==> flow/design.v <==
module gen_add_sub #(
   parameter WD = 36
) (
   input  wire clk_i,
   input  wire [WD-1:0] op_a,
   input  wire dir,
   output reg [WD-1:0] out
);
   reg [WD-1:0] op_a_d1;
   reg dir_d1;
   always @(posedge clk_i) begin
      op_a_d1 <= op_a;
      dir_d1 <= dir;
      out <= (op_a_d1 ^ {WD{dir_d1}}) + dir_d1;
   end
endmodule
* From RTL to reports: gen_add_sub
What the tools print for gen_add_sub, step after step.
Lines are those of the file above, counted from 1.
Operators: Yosys type, input widths -> output width; for muxes data width and select width s.
Cell names lack the library's common part.
Not given: --
- Design top :: gen_add_sub
- Clock input :: clk_i
- Standard-cell library :: sky130hd
- Corner :: tt_025C_1v80

* After elaboration
Counts by Yosys on the flattened word-level netlist (proc, flatten, opt, wreduce; memories kept). Register bits leave out memories and registers merged into their read ports (data or address); mux counts leave out enables and synchronous resets folded into registers. Print and check cells are left out. Cells with the same type and inputs are merged into one.
- Bits in registers :: 73
- Bits of input ports :: 38
- Output and inout port bits :: 36
- Cells after elaboration :: 5
- $add $sub $neg :: 1
- Bitwise operators :: 1
** Operators by type and width (count)
- $add 36x1->36 :: 1
- $xor 36x36->36 :: 1

* Logic depth
Depth = most cells in a row (Yosys ltp): at word level without a register or memory, in the mapped netlist without a sequential cell, where the memories' decode and read muxes count.
- Depth after elaboration :: 2
- ABC_AREA :: 0
- Depth in mapped cells :: 13
- Mapped depth without buffers :: 9

* After synthesis
Yosys stat after the flow's synthesis: flattened, memories mapped to cells. It holds for the ABC_AREA given above (unset counts as 0); a run with the other value may have another netlist.
The area totals of this step are shown rounded.
** Cell types
- dfxtp_1 :: count 73, total area 1.46E+03 µm²
- xnor2_1 :: count 34, total area 297.786 µm²
- xor2_1 :: count 15, total area 131.376 µm²
- a21oi_1 :: count 15, total area 75.072 µm²
- o21ai_0 :: count 15, total area 75.072 µm²
- nand3_1 :: count 13, total area 65.062 µm²
- nand2_1 :: count 15, total area 56.304 µm²
- nor2_1 :: count 14, total area 52.55 µm²
- or4b_1 :: count 5, total area 50.048 µm²
- nand2b_1 :: count 7, total area 43.792 µm²
- clkbuf_1 :: count 10, total area 37.536 µm²
- o22ai_1 :: count 6, total area 37.536 µm²
- nor3_1 :: count 7, total area 35.034 µm²
- o32ai_1 :: count 4, total area 35.034 µm²
- mux2i_1 :: count 3, total area 30.029 µm²
- inv_1 :: count 7, total area 26.275 µm²
- ha_1 :: count 2, total area 25.024 µm²
- nand4_1 :: count 4, total area 25.024 µm²
Not listed: further types 39, cells in them 61.
- Mapped cells :: 310
- Mapped area :: 3100 µm²
- Area of sequential cells :: 1500 µm²
- Flip-flop cells :: 73
- Buffers :: 19

* Worst setup path after synthesis
OpenSTA on the mapped netlist: ideal clock, no wires. The path of least setup slack (recovery checks aside). Input and output delay are each 20% of the period. Register names are those of the netlist, which keeps one name where synthesis merged equal registers.
- Path kind :: flip-flop to flip-flop
- From :: register dir_d1
- To :: register out[32]
- Period :: 4.14 ns
- Setup time :: 0.123 ns
- Time at the first pin :: 0.000 ns
- Arrival :: 3.189 ns
- Required time :: 4.017 ns
- Path slack :: 0.828 ns
- Delay of the path :: 3.312 ns
- Stages :: 14
- Buffers on the path :: 5
- Period reached after synthesis :: 3.312 ns
"delay of the path" = arrival - input delay + setup time.
"stages" counts driving pins, that of a launching flip-flop among them; a cell with two outputs on the path counts twice.
"period reached after synthesis" is the clock period less the worst setup slack; recovery checks do not enter. This is arithmetic on one report: input and output delays are still those of the set period (20% each).
Between the ends stands the longest chain of elaborated cells between them, by number of cells; it is not shown to be the way that was timed. Of several equally long chains one is given.
A line is the first line of the expression or statement that the cell stems from. Yosys adds cells for indexed reads and writes and turns some case tables into memories.
- Cell sequence :: dfxtp_1 buf_4 buf_6 clkbuf_1 clkbuf_1 xor2_1 ha_1 nand3_1 o32a_2 or4b_1 clkbuf_1 o41ai_2 o21ai_1 xor2_1
- Cells in the longest elaborated chain :: 2
- Elaborated cells between the ends (all ways) :: 2
- Source lines of those cells :: 1
- Those cells by class :: add/sub: 1; logic: 1
** RTL lines, path after synthesis
- start, declared :: RTL line 10 : reg dir_d1;
- start, assigned :: RTL line 13 : dir_d1 <= dir;
- $xor 36x36->36 :: RTL line 14 : out <= (op_a_d1 ^ {WD{dir_d1}}) + dir_d1;
- $add 36x1->36 :: RTL line 14
- end, assigned :: RTL line 14
- end, declared :: RTL line 7 : output reg [WD-1:0] out

* Path in the finished layout
From the final timing report of flow run A: the path of least setup slack in the routed layout; clock arrival at registers is part of the times.
- Path kind :: flip-flop to flip-flop
- From :: register dir_d1
- To :: register out[32]
- Period :: 2.43 ns
- Setup time :: 0.11 ns
- Time at the first pin :: 0.35 ns
- Arrival :: 2.65 ns
- Required time :: 2.67 ns
- Path slack :: 0.02 ns
- Stages :: 8
- Buffers on the path :: 1
Between the ends stands the longest chain of elaborated cells between them, by number of cells; it is not shown to be the way that was timed. Of several equally long chains one is given.
- Cell sequence :: dfxtp_4 buf_6 or4b_4 o22a_1 or4b_4 o41ai_4 o21ai_1 xor2_1
- Cells in the longest elaborated chain :: 2
- Elaborated cells between the ends (all ways) :: 2
- Source lines of those cells :: 1
- Those cells by class :: add/sub: 1; logic: 1
** RTL lines, path after layout
- start, declared :: RTL line 10 : reg dir_d1;
- start, assigned :: RTL line 13 : dir_d1 <= dir;
- $xor 36x36->36 :: RTL line 14 : out <= (op_a_d1 ^ {WD{dir_d1}}) + dir_d1;
- $add 36x1->36 :: RTL line 14
- end, assigned :: RTL line 14
- end, declared :: RTL line 7 : output reg [WD-1:0] out

Appendix: measured runs

Stored flow runs of gen_add_sub (3 of them; Yosys, OpenROAD, sky130hd). They differ in their settings and are not a sequence. Constraints: input delay and output delay 20% of the set period each, output load 0.01 pF.
"achieved period" means the clock period less the worst setup slack. The figure is calculated, with input and output delays left at 20% of the set period.
"critical setup path time" = time allowed to the worst setup path (clock period - input delay - output delay, where it has them) - its slack; a late launch clock adds to it, a late capture clock takes from it.
"total power after layout" is the tool's figure for a default switching activity; nothing was simulated.
Results are given in rounded form.

** Flow run A
- Settings :: period_ns=2.43; CORE_UTILIZATION=50; PLACE_DENSITY_LB_ADDON=0.22; ABC_AREA=0; GPL_ROUTABILITY_DRIVEN=0; CTS_CLUSTER_SIZE=73; CAP_MARGIN=20; SLEW_MARGIN=40; CORE_MARGIN=2
- Critical setup path time :: 2.41 ns
- Class of the worst setup path :: flip-flop to flip-flop
- Post-route worst hold slack :: 0.45 ns
- Die outline area :: 6800 µm²
- Total power after layout :: 2.8 mW
- Standard-cell area after layout :: 4400 µm²
- Achieved period :: 2.413 ns
- Utilization in the final report :: 74 %
- Sum of negative setup slack :: 0.000 ns
- Setup slack of the worst path :: 0.017 ns
- Chip area in the Yosys report :: 3100 µm²

** Flow run B
- Settings :: period_ns=2.69; CORE_UTILIZATION=50; SETUP_SLACK_MARGIN=0.58; CELL_PAD_IN_SITES_DETAIL_PLACEMENT=1; GPL_ROUTABILITY_DRIVEN=0; CAP_MARGIN=30; MIN_ROUTING_LAYER=met2; CORE_MARGIN=2; SLEW_MARGIN=20
- Outcome :: did not finish, routing stopped with GRT-0232

** Flow run C
- Settings :: period_ns=4.14; CAP_MARGIN=20; CORE_MARGIN=2; CORE_UTILIZATION=40; SLEW_MARGIN=20
- Total power after layout :: 1.6 mW
- Die outline area :: 8400 µm²
- Chip area in the Yosys report :: 3100 µm²
- Utilization in the final report :: 55 %
- Post-route worst hold slack :: 0.43 ns
- Setup slack of the worst path :: 1.0 ns
- Sum of negative setup slack :: 0.000 ns
- Achieved period :: 3.132 ns
- Critical setup path time :: 3.13 ns
- Class of the worst setup path :: flip-flop to flip-flop
- Standard-cell area after layout :: 4100 µm²
